==> flow/design.v <==
module mult_top #(
  parameter integer DWIDTH = 24,
  parameter integer GB = 8
) (
  input  aclk,
  input  ce,
  input  [DWIDTH-1:0] A_i,
  input  [DWIDTH-1:0] B_i,
  input  load_i,
  output [2*DWIDTH+GB-1:0] res_o
);
  reg [DWIDTH-1:0] A_r;
  always @(posedge aclk) begin
    if (ce) begin
      A_r <= A_i;
    end
  end
  reg [DWIDTH-1:0] B_r;
  always @(posedge aclk) begin
    if (ce) begin
      B_r <= B_i;
    end
  end
  reg load_r;
  always @(posedge aclk) begin
    if (ce) begin
      load_r <= load_i;
    end
  end
  wire [2*DWIDTH-1:0] val;
  assign val = A_r * B_r;
  reg [2*DWIDTH+GB-1:0] total;
  always @(posedge aclk) begin
    if (ce) begin
      total <= load_r ? val : total + val;
    end
  end
  assign res_o = total;
endmodule
### From RTL to reports: mult_top

Tool output for the design above, in the order of the flow.
Lines are those of the file above, counted from 1.
Operators carry their Yosys type and port widths (W data, S select, Z words).
Library cell names are shortened.
A cell with n/a has no value.

* top: mult_top
* clock: aclk
* standard-cell library: sky130hd
* library corner: tt_025C_1v80

### Word level

Yosys after proc, flatten, opt, wreduce and memory -nomap, before mapping. Enables and synchronous resets that opt folds into registers are not counted as muxes. Memory bits, and registers merged into a memory's read port (data or address), are not among the register bits. Print and check cells are not counted. Equal cells are merged and count once.

* elaborated cells: 8
* bits in read-only memories: 0
* register bits after elaboration: 105
* bits in latches: 0
* memory cells: 0
* input bits: 51
* bits in writable memories: 0
* output and inout port bits: 56
* word width x clocked read ports: 0

* bitwise logic cells: 0
* $add $sub $neg: 1
* multiply operators: 1
* reductions and logical operators: 0
* divide/modulo/power cells: 0
* equality and inequality tests: 0
* shifts and indexed selects: 0
* order comparisons: 0
* multiplexer cells: 1

Operators with widths (count)
* $mul A24 B24 Y48: 1
* $add A56 B48 Y56: 1
* $mux W48: 1

### Logic depth

Depth = most cells in a row (Yosys ltp): at word level without a register or memory, in the mapped netlist without a sequential cell, where the memories' decode and read muxes count.

* word-level depth: 3
* ABC_AREA: 1
* depth in mapped cells: 43
* mapped depth without buffers: 42

### Synthesis result

Source: synth_stat.txt of the flow (Yosys; design flattened, memories mapped). It holds for the ABC_AREA given above (unset counts as 0); a run with the other value may have another netlist.
Totals and module areas in this step are rounded.

Cell types
* fa_1: count 483, total area 9.67E+03 µm²
* nand2_1: count 1447, total area 5.43E+03 µm²
* inv_1: count 1252, total area 4.7E+03 µm²
* edfxtp_1: count 105, total area 3.15E+03 µm²
* ha_1: count 224, total area 2.8E+03 µm²
* nand3_1: count 131, total area 655.629 µm²
* nor2_1: count 173, total area 649.373 µm²
* clkbuf_1: count 100, total area 375.36 µm²
* a21oi_1: count 64, total area 320.307 µm²
* and2_1: count 29, total area 181.424 µm²
* xor2_1: count 17, total area 148.893 µm²
* o21ai_0: count 22, total area 110.106 µm²
* nand4_1: count 17, total area 106.352 µm²
* nand3b_1: count 14, total area 105.101 µm²
* nor2_2: count 15, total area 93.84 µm²
* or2_2: count 13, total area 81.328 µm²
* nand3_2: count 8, total area 80.077 µm²
* xnor2_1: count 9, total area 78.826 µm²

Other cell types: 21; their cells: 65.

* mapped flip-flops: 105
* area of sequential cells: 3150 µm²
* buffers: 107
* cells in the netlist: 4188
* cell area after synthesis: 29200 µm²

### Worst setup path after synthesis

OpenSTA on the mapped netlist: ideal clock, no wires. The path of least setup slack (recovery checks aside). Input and output delay are each 20% of the period. Register names are those of the netlist, which keeps one name where synthesis merged equal registers.

* path type: reg2reg
* start point: register B_r[3]
* end point: register total[51]
* delay of the path: 7.266 ns
* clock period: 10.8 ns
* path slack: 3.534 ns
* time at the first pin: 0.000 ns
* buffers on the path: 1
* arrival time: 7.013 ns
* library setup time: 0.253 ns
* data required time: 10.547 ns
* driving pins on the path: 38
* synthesis period reached: 7.266 ns

"delay of the path" = arrival - input delay + setup time.
"driving pins on the path" counts driving pins, that of a launching flip-flop among them; a cell with two outputs on the path counts twice.
"synthesis period reached" is the clock period less the worst setup slack; recovery checks do not enter. This is arithmetic on one report: input and output delays are still those of the set period (20% each).
Between the ends stands the longest chain of elaborated cells between them, by number of cells; it is not shown to be the way that was timed. Of several equally long chains one is given.
A line is the first line of the expression or statement that the cell stems from. Yosys adds cells for indexed reads and writes and turns some case tables into memories.

* cell sequence: edfxtp_1 -> clkbuf_1 -> nand2_1 -> fa_1 -> inv_1 -> fa_1 -> inv_1 -> fa_1 -> inv_1 -> fa_1 -> inv_1 -> fa_1 -> inv_1 -> fa_1 -> inv_1 -> fa_1 -> inv_1 -> ha_1 -> [2 not listed] -> inv_1 -> nor2_1 -> nand2_1 -> nand2_1 -> nor2_1 -> or2_2 -> ha_1 -> nand2_1 -> inv_1 -> nand2_2 -> nor2_1 -> nand2_1 -> nor3b_2 -> nand2_1 -> nand3_2 -> nand2_1 -> nand2_1 -> nor2_1
* cells in the longest elaborated chain: 2
* elaborated cells between the ends (all ways): 2
* RTL lines with such cells: 2
* classes of those cells: add/sub (1); mul (1)

Ends and longest elaborated chain, post-synthesis
* from (decl): line 18 `reg [DWIDTH-1:0] B_r;`
* from (assign): line 21 `B_r <= B_i;`
* $mul A24 B24 Y48: line 31 `assign val = A_r * B_r;`
* $add A56 B48 Y56: line 35 `total <= load_r ? val : total + val;`
* to (assign): line 35
* to (decl): line 32 `reg [2*DWIDTH+GB-1:0] total;`

### Worst path after layout

From the final timing report of stored run 1: the path of least setup slack in the routed layout; clock arrival at registers is part of the times.

* path type: reg2reg
* start point: register B_r[3]
* end point: register total[41]
* buffers on the path: 1
* data required time: 11.94 ns
* arrival time: 9.73 ns
* clock period: 11.7 ns
* library setup time: 0.23 ns
* path slack: 2.21 ns
* time at the first pin: 0.47 ns
* driving pins on the path: 38

Between the ends stands the longest chain of elaborated cells between them, by number of cells; it is not shown to be the way that was timed. Of several equally long chains one is given.

* cell sequence: edfxtp_1 -> buf_4 -> nand2_1 -> fa_1 -> inv_1 -> fa_1 -> inv_1 -> fa_1 -> inv_1 -> fa_1 -> inv_1 -> fa_1 -> inv_1 -> fa_1 -> inv_1 -> fa_1 -> inv_1 -> ha_1 -> [2 not listed] -> inv_1 -> nor2_1 -> nand2_1 -> nand2_1 -> nand2_1 -> nand2_1 -> nand2_1 -> and2_1 -> ha_1 -> nand2_1 -> nor2_2 -> nand2_1 -> nor3_2 -> nand3_1 -> nand3_1 -> nand2_1 -> nand3_1 -> nand2_1
* cells in the longest elaborated chain: 3
* elaborated cells between the ends (all ways): 3
* RTL lines with such cells: 2
* classes of those cells: add/sub (1); mul (1); mux (1)

Ends and longest elaborated chain, post-layout
* from (decl): line 18 `reg [DWIDTH-1:0] B_r;`
* from (assign): line 21 `B_r <= B_i;`
* $mul A24 B24 Y48: line 31 `assign val = A_r * B_r;`
* $add A56 B48 Y56: line 35 `total <= load_r ? val : total + val;`
* $mux W48: line 35
* to (assign): line 35
* to (decl): line 32 `reg [2*DWIDTH+GB-1:0] total;`

--- measured runs ---
Measured results for mult_top: 3 stored runs of the Yosys and OpenROAD flow on sky130hd. The settings differ; the order carries no meaning. The constraints put input and output delay at 20% of the set period each and load the outputs with 0.01 pF.
"clock period achieved" = clock period - worst setup slack. The figure is calculated, with input and output delays left at 20% of the set period.
"time used up by the worst setup path" means the part of the period allowed to the worst setup path (the constraints hold back 20% at inputs and 20% at outputs) less its slack; where the path has registers, the arrival times of their clocks count too.
Values from the reports are rounded here.

### Stored run 1

Settings: `period_ns=11.7`, `CORE_UTILIZATION=17`, `SETUP_SLACK_MARGIN=1.5`, `PLACE_DENSITY_LB_ADDON=0.11`, `CORE_ASPECT_RATIO=1.24`, `CORE_MARGIN=8`, `CELL_PAD_IN_SITES_GLOBAL_PLACEMENT=3`, `TNS_END_PERCENT=15`, `ABC_AREA=1`, `GPL_ROUTABILITY_DRIVEN=1`, `CTS_CLUSTER_SIZE=87`, `CTS_CLUSTER_DIAMETER=82`, `CAP_MARGIN=25`, `SLEW_MARGIN=40`, `MIN_ROUTING_LAYER=met1`

- Summed negative setup slack: 0.000 ns
- Utilization after layout: 0.195
- Chip area after synthesis (Yosys): 29200 µm²
- Worst setup slack after layout: 2.21 ns
- Time used up by the worst setup path: 9.49 ns
- Class of the worst setup path: reg2reg
- Clock period achieved: 9.491 ns
- Worst-case hold slack: 0.690 ns
- Std-cell area (final layout): 33400 µm²
- Die footprint: 185000 µm²

### Stored run 2

Settings: `period_ns=10.8`, `CAP_MARGIN=20`, `CORE_MARGIN=2`, `CORE_UTILIZATION=40`, `SLEW_MARGIN=20`

- Time used up by the worst setup path: 9.87 ns
- Class of the worst setup path: reg2reg
- Chip area after synthesis (Yosys): 26000 µm²
- Std-cell area (final layout): 28000 µm²
- Worst setup slack after layout: 0.933 ns
- Summed negative setup slack: 0.000 ns
- Clock period achieved: 9.867 ns
- Worst-case hold slack: 0.719 ns
- Utilization after layout: 0.435
- Die footprint: 67000 µm²

### Stored run 3

Settings: `period_ns=9.96`, `CORE_UTILIZATION=16`, `SETUP_SLACK_MARGIN=0.51`, `CELL_PAD_IN_SITES_DETAIL_PLACEMENT=2`, `ABC_AREA=0`, `CTS_CLUSTER_SIZE=40`, `CTS_CLUSTER_DIAMETER=70`, `MIN_ROUTING_LAYER=met1`, `CAP_MARGIN=20`, `CORE_MARGIN=2`, `SLEW_MARGIN=20`

- Chip area after synthesis (Yosys): 26000 µm²
- Worst setup slack after layout: -1.11 ns
- Utilization after layout: 0.198
- Summed negative setup slack: -18.8 ns
- Time used up by the worst setup path: 11.07 ns
- Class of the worst setup path: reg2reg
- Die footprint: 166000 µm²
- Worst-case hold slack: 0.759 ns
- Std-cell area (final layout): 31900 µm²
- Clock period achieved: 11.066 ns
--- end ---
